==> flow/design.v <==
module mplex #(
  parameter int DWIDTH = 10,
  parameter int NUM = 16,
  parameter int SW = $clog2(NUM)
) (
  input logic CLK,
  input logic [NUM*DWIDTH-1:0] i_val,
  input logic [SW-1:0] i_pick,
  output logic [DWIDTH-1:0] o_y
);
  logic [NUM*DWIDTH-1:0] r_val;
  always_ff @(posedge CLK) begin
    r_val <= i_val;
  end
  logic [SW-1:0] r_pick;
  always_ff @(posedge CLK) begin
    r_pick <= i_pick;
  end
  wire [DWIDTH-1:0] n_ [1:2*NUM-1];
  generate
    for (genvar ii = 0; ii < NUM; ii++) begin : each
      assign n_[NUM+ii] = r_val[ii*DWIDTH +: DWIDTH];
    end
    for (genvar ii = 1; ii < NUM; ii++) begin : blk
      assign n_[ii] = r_pick[SW - $clog2(ii+1)] ? n_[2*ii+1] : n_[2*ii];
    end
  endgenerate
  logic [DWIDTH-1:0] r_y;
  always_ff @(posedge CLK) begin
    r_y <= n_[1];
  end
  assign o_y = r_y;
endmodule
* Tool chain data of mplex
What the tools print for mplex, step after step.
Lines are those of the file above, counted from 1.
The mark -- stands for no value.
- Top :: mplex
- Clock port :: CLK
- Library :: sky130hd
- Timing corner :: tt_025C_1v80

* After elaboration
Yosys after proc, flatten, opt, wreduce and memory -nomap, before mapping. Enables and synchronous resets that opt folds into registers are not counted as muxes. Print and check cells are not counted. Equal cells are merged and count once.
- Elaborated cells :: 18
- Input port bits :: 165
- Flip-flop bits (word level) :: 174
- Output and inout bits :: 10
- Mux-type cells :: 15
** Operators with widths (number)
- 2-to-1 mux 10 bit :: 15

* Logic depth
Depth = most cells in a row (Yosys ltp): at word level without a register or memory, in the mapped netlist without a sequential cell, where the memories' decode and read muxes count.
- Depth in word-level cells :: 4
- ABC_AREA :: 0
- Gate-level depth with buffers :: 5
- Mapped depth without buffers :: 3

* Synthesis result
Source: synth_stat.txt of the flow (Yosys; design flattened, memories mapped). It holds for the ABC_AREA given above (unset counts as 0); a run with the other value may have another netlist.
** Cells by type (number)
- sky130_fd_sc_hd__dfxtp_1 :: 174
- sky130_fd_sc_hd__mux4_2 :: 40
- sky130_fd_sc_hd__a22oi_1 :: 20
- sky130_fd_sc_hd__nand2_1 :: 10
- sky130_fd_sc_hd__buf_6 :: 2
- sky130_fd_sc_hd__buf_1 :: 5
- sky130_fd_sc_hd__buf_4 :: 2
- sky130_fd_sc_hd__nor2b_1 :: 2
- sky130_fd_sc_hd__clkbuf_1 :: 3
- sky130_fd_sc_hd__and2_1 :: 1
- sky130_fd_sc_hd__nor2_1 :: 1
- Cell area after synthesis :: 0.004662 mm²
- Buffer cells :: 12
- Area of sequential cells :: 0.0034833 mm²
- Cell count :: 260
- Flip-flop cells :: 174

* Path before layout
OpenSTA on the mapped netlist: ideal clock, no wires. The path of least setup slack (recovery checks aside). Input and output delay are each 20% of the period. Register names are those of the netlist, which keeps one name where synthesis merged equal registers.
- Path kind :: register to register
- Start point :: register r_pick[0]
- End point :: register r_y[8]
- Launch time at the first pin :: 0.000 ns
- Path buffers :: 2
- Required time :: 1.780 ns
- Stages :: 6
- Path delay :: 1.521 ns
- Setup slack :: 0.379 ns
- Arrival time :: 1.401 ns
- Period :: 1.9 ns
- Period reached after synthesis :: 1.521 ns
"path delay" = arrival - input delay + setup time.
"stages" counts driving pins, that of a launching flip-flop among them; a cell with two outputs on the path counts twice.
"period reached after synthesis" = period - worst setup slack (recovery checks aside). The figure is calculated, with input and output delays left at 20% of the set period.
The rows between start and end are the longest chain of elaborated cells between them; the timing report does not say that the signal goes this way. Where chains are equally long, one stands for them.
Each line given opens the expression or statement behind the cell; cells for indexed reads and writes are added by Yosys, which also makes memories of some case tables.
- Cell sequence :: sky130_fd_sc_hd__dfxtp_1 > sky130_fd_sc_hd__clkbuf_1 > sky130_fd_sc_hd__buf_4 > sky130_fd_sc_hd__mux4_2 > sky130_fd_sc_hd__a22oi_1 > sky130_fd_sc_hd__nand2_1
- Length of the longest elaborated chain :: 4
- Elaborated cells between the ends (all ways) :: 15
- Source lines of those cells :: 1
** RTL lines, path after synthesis
- from (decl) :: RTL line 15 : logic [SW-1:0] r_pick;
- from (assign) :: RTL line 17 : r_pick <= i_pick;
- 2-to-1 mux 10 bit x4 :: RTL line 25 : assign n_[ii] = r_pick[SW - $clog2(ii+1)] ? n_[2*ii+1] : n_[2*ii];
- to (assign) :: RTL line 30 : r_y <= n_[1];
- to (decl) :: RTL line 28 : logic [DWIDTH-1:0] r_y;

* Worst path after layout
From the final timing report of flow run A: the path of least setup slack in the routed layout; clock arrival at registers is part of the times.
- Path kind :: register to register
- Start point :: register r_pick[0]
- End point :: register r_y[9]
- Launch time at the first pin :: 0.42 ns
- Period :: 2.83 ns
- Stages :: 6
- Arrival time :: 2.25 ns
- Setup slack :: 0.89 ns
- Required time :: 3.14 ns
- Path buffers :: 2
The rows between start and end are the longest chain of elaborated cells between them; the timing report does not say that the signal goes this way. Where chains are equally long, one stands for them.
- Cell sequence :: sky130_fd_sc_hd__dfxtp_4 > sky130_fd_sc_hd__buf_12 > sky130_fd_sc_hd__buf_12 > sky130_fd_sc_hd__mux4_2 > sky130_fd_sc_hd__a22oi_1 > sky130_fd_sc_hd__nand2_1
- Length of the longest elaborated chain :: 4
- Elaborated cells between the ends (all ways) :: 15
- Source lines of those cells :: 1
** RTL lines, path after layout
- from (decl) :: RTL line 15 : logic [SW-1:0] r_pick;
- from (assign) :: RTL line 17 : r_pick <= i_pick;
- 2-to-1 mux 10 bit x4 :: RTL line 25 : assign n_[ii] = r_pick[SW - $clog2(ii+1)] ? n_[2*ii+1] : n_[2*ii];
- to (assign) :: RTL line 30 : r_y <= n_[1];
- to (decl) :: RTL line 28 : logic [DWIDTH-1:0] r_y;

mplex through Yosys and OpenROAD on sky130hd: 3 stored runs, unordered, with their settings and measured results. The constraints put input and output delay at 20% of the set period each and load the outputs with 0.01 pF.
"achieved period" = clock period - worst setup slack. The figure is calculated, with input and output delays left at 20% of the set period.
By "allowed time less slack (worst setup path)" is meant the share of the clock period that the worst setup path is allowed (20% is reserved at inputs, 20% at outputs), minus its slack. Clock arrival times at its registers enter into it.
"total power of the final layout" is the tool's figure for a default switching activity; nothing was simulated.

** Flow run A
- Settings :: period_ns=2.83; CORE_UTILIZATION=27; CORE_MARGIN=5; CELL_PAD_IN_SITES_DETAIL_PLACEMENT=2; TNS_END_PERCENT=5; ABC_AREA=0; CAP_MARGIN=20; MIN_ROUTING_LAYER=met2; SLEW_MARGIN=20
- Yosys chip area after synthesis :: 0.004662 mm²
- Die outline area :: 0.019994 mm²
- Standard-cell area of the final layout :: 0.0072857 mm²
- Utilization after routing :: 42.6 %
- Lowest setup slack :: 0.889 ns
- Setup total negative slack :: 0.000 ns
- Worst hold slack in the final report :: 0.584 ns
- Total power of the final layout :: 0.005419 W
- Achieved period :: 1.941 ns
- Allowed time less slack (worst setup path) :: 1.94 ns
- Worst setup path kind :: register to register

** Flow run B
- Settings :: period_ns=2.39; CORE_UTILIZATION=19; SETUP_SLACK_MARGIN=-0.05; PLACE_DENSITY=0.7; CORE_MARGIN=10; TNS_END_PERCENT=50; GPL_TIMING_DRIVEN=1; CAP_MARGIN=25; SLEW_MARGIN=20
- Yosys chip area after synthesis :: 0.004662 mm²
- Die outline area :: 0.0312017 mm²
- Standard-cell area of the final layout :: 0.0074759 mm²
- Utilization after routing :: 30.8 %
- Lowest setup slack :: 0.431 ns
- Setup total negative slack :: 0.000 ns
- Worst hold slack in the final report :: 0.491 ns
- Total power of the final layout :: 0.006624 W
- Achieved period :: 1.959 ns
- Allowed time less slack (worst setup path) :: 1.96 ns
- Worst setup path kind :: register to register

** Flow run C
- Settings :: period_ns=1.9; CAP_MARGIN=20; CORE_MARGIN=2; CORE_UTILIZATION=40; SLEW_MARGIN=20
- Yosys chip area after synthesis :: 0.004662 mm²
- Die outline area :: 0.0125339 mm²
- Standard-cell area of the final layout :: 0.0071431 mm²
- Utilization after routing :: 62.6 %
- Lowest setup slack :: 0.226 ns
- Setup total negative slack :: 0.000 ns
- Worst hold slack in the final report :: 0.400 ns
- Total power of the final layout :: 0.007823 W
- Achieved period :: 1.674 ns
- Allowed time less slack (worst setup path) :: 1.29 ns
- Worst setup path kind :: register to output
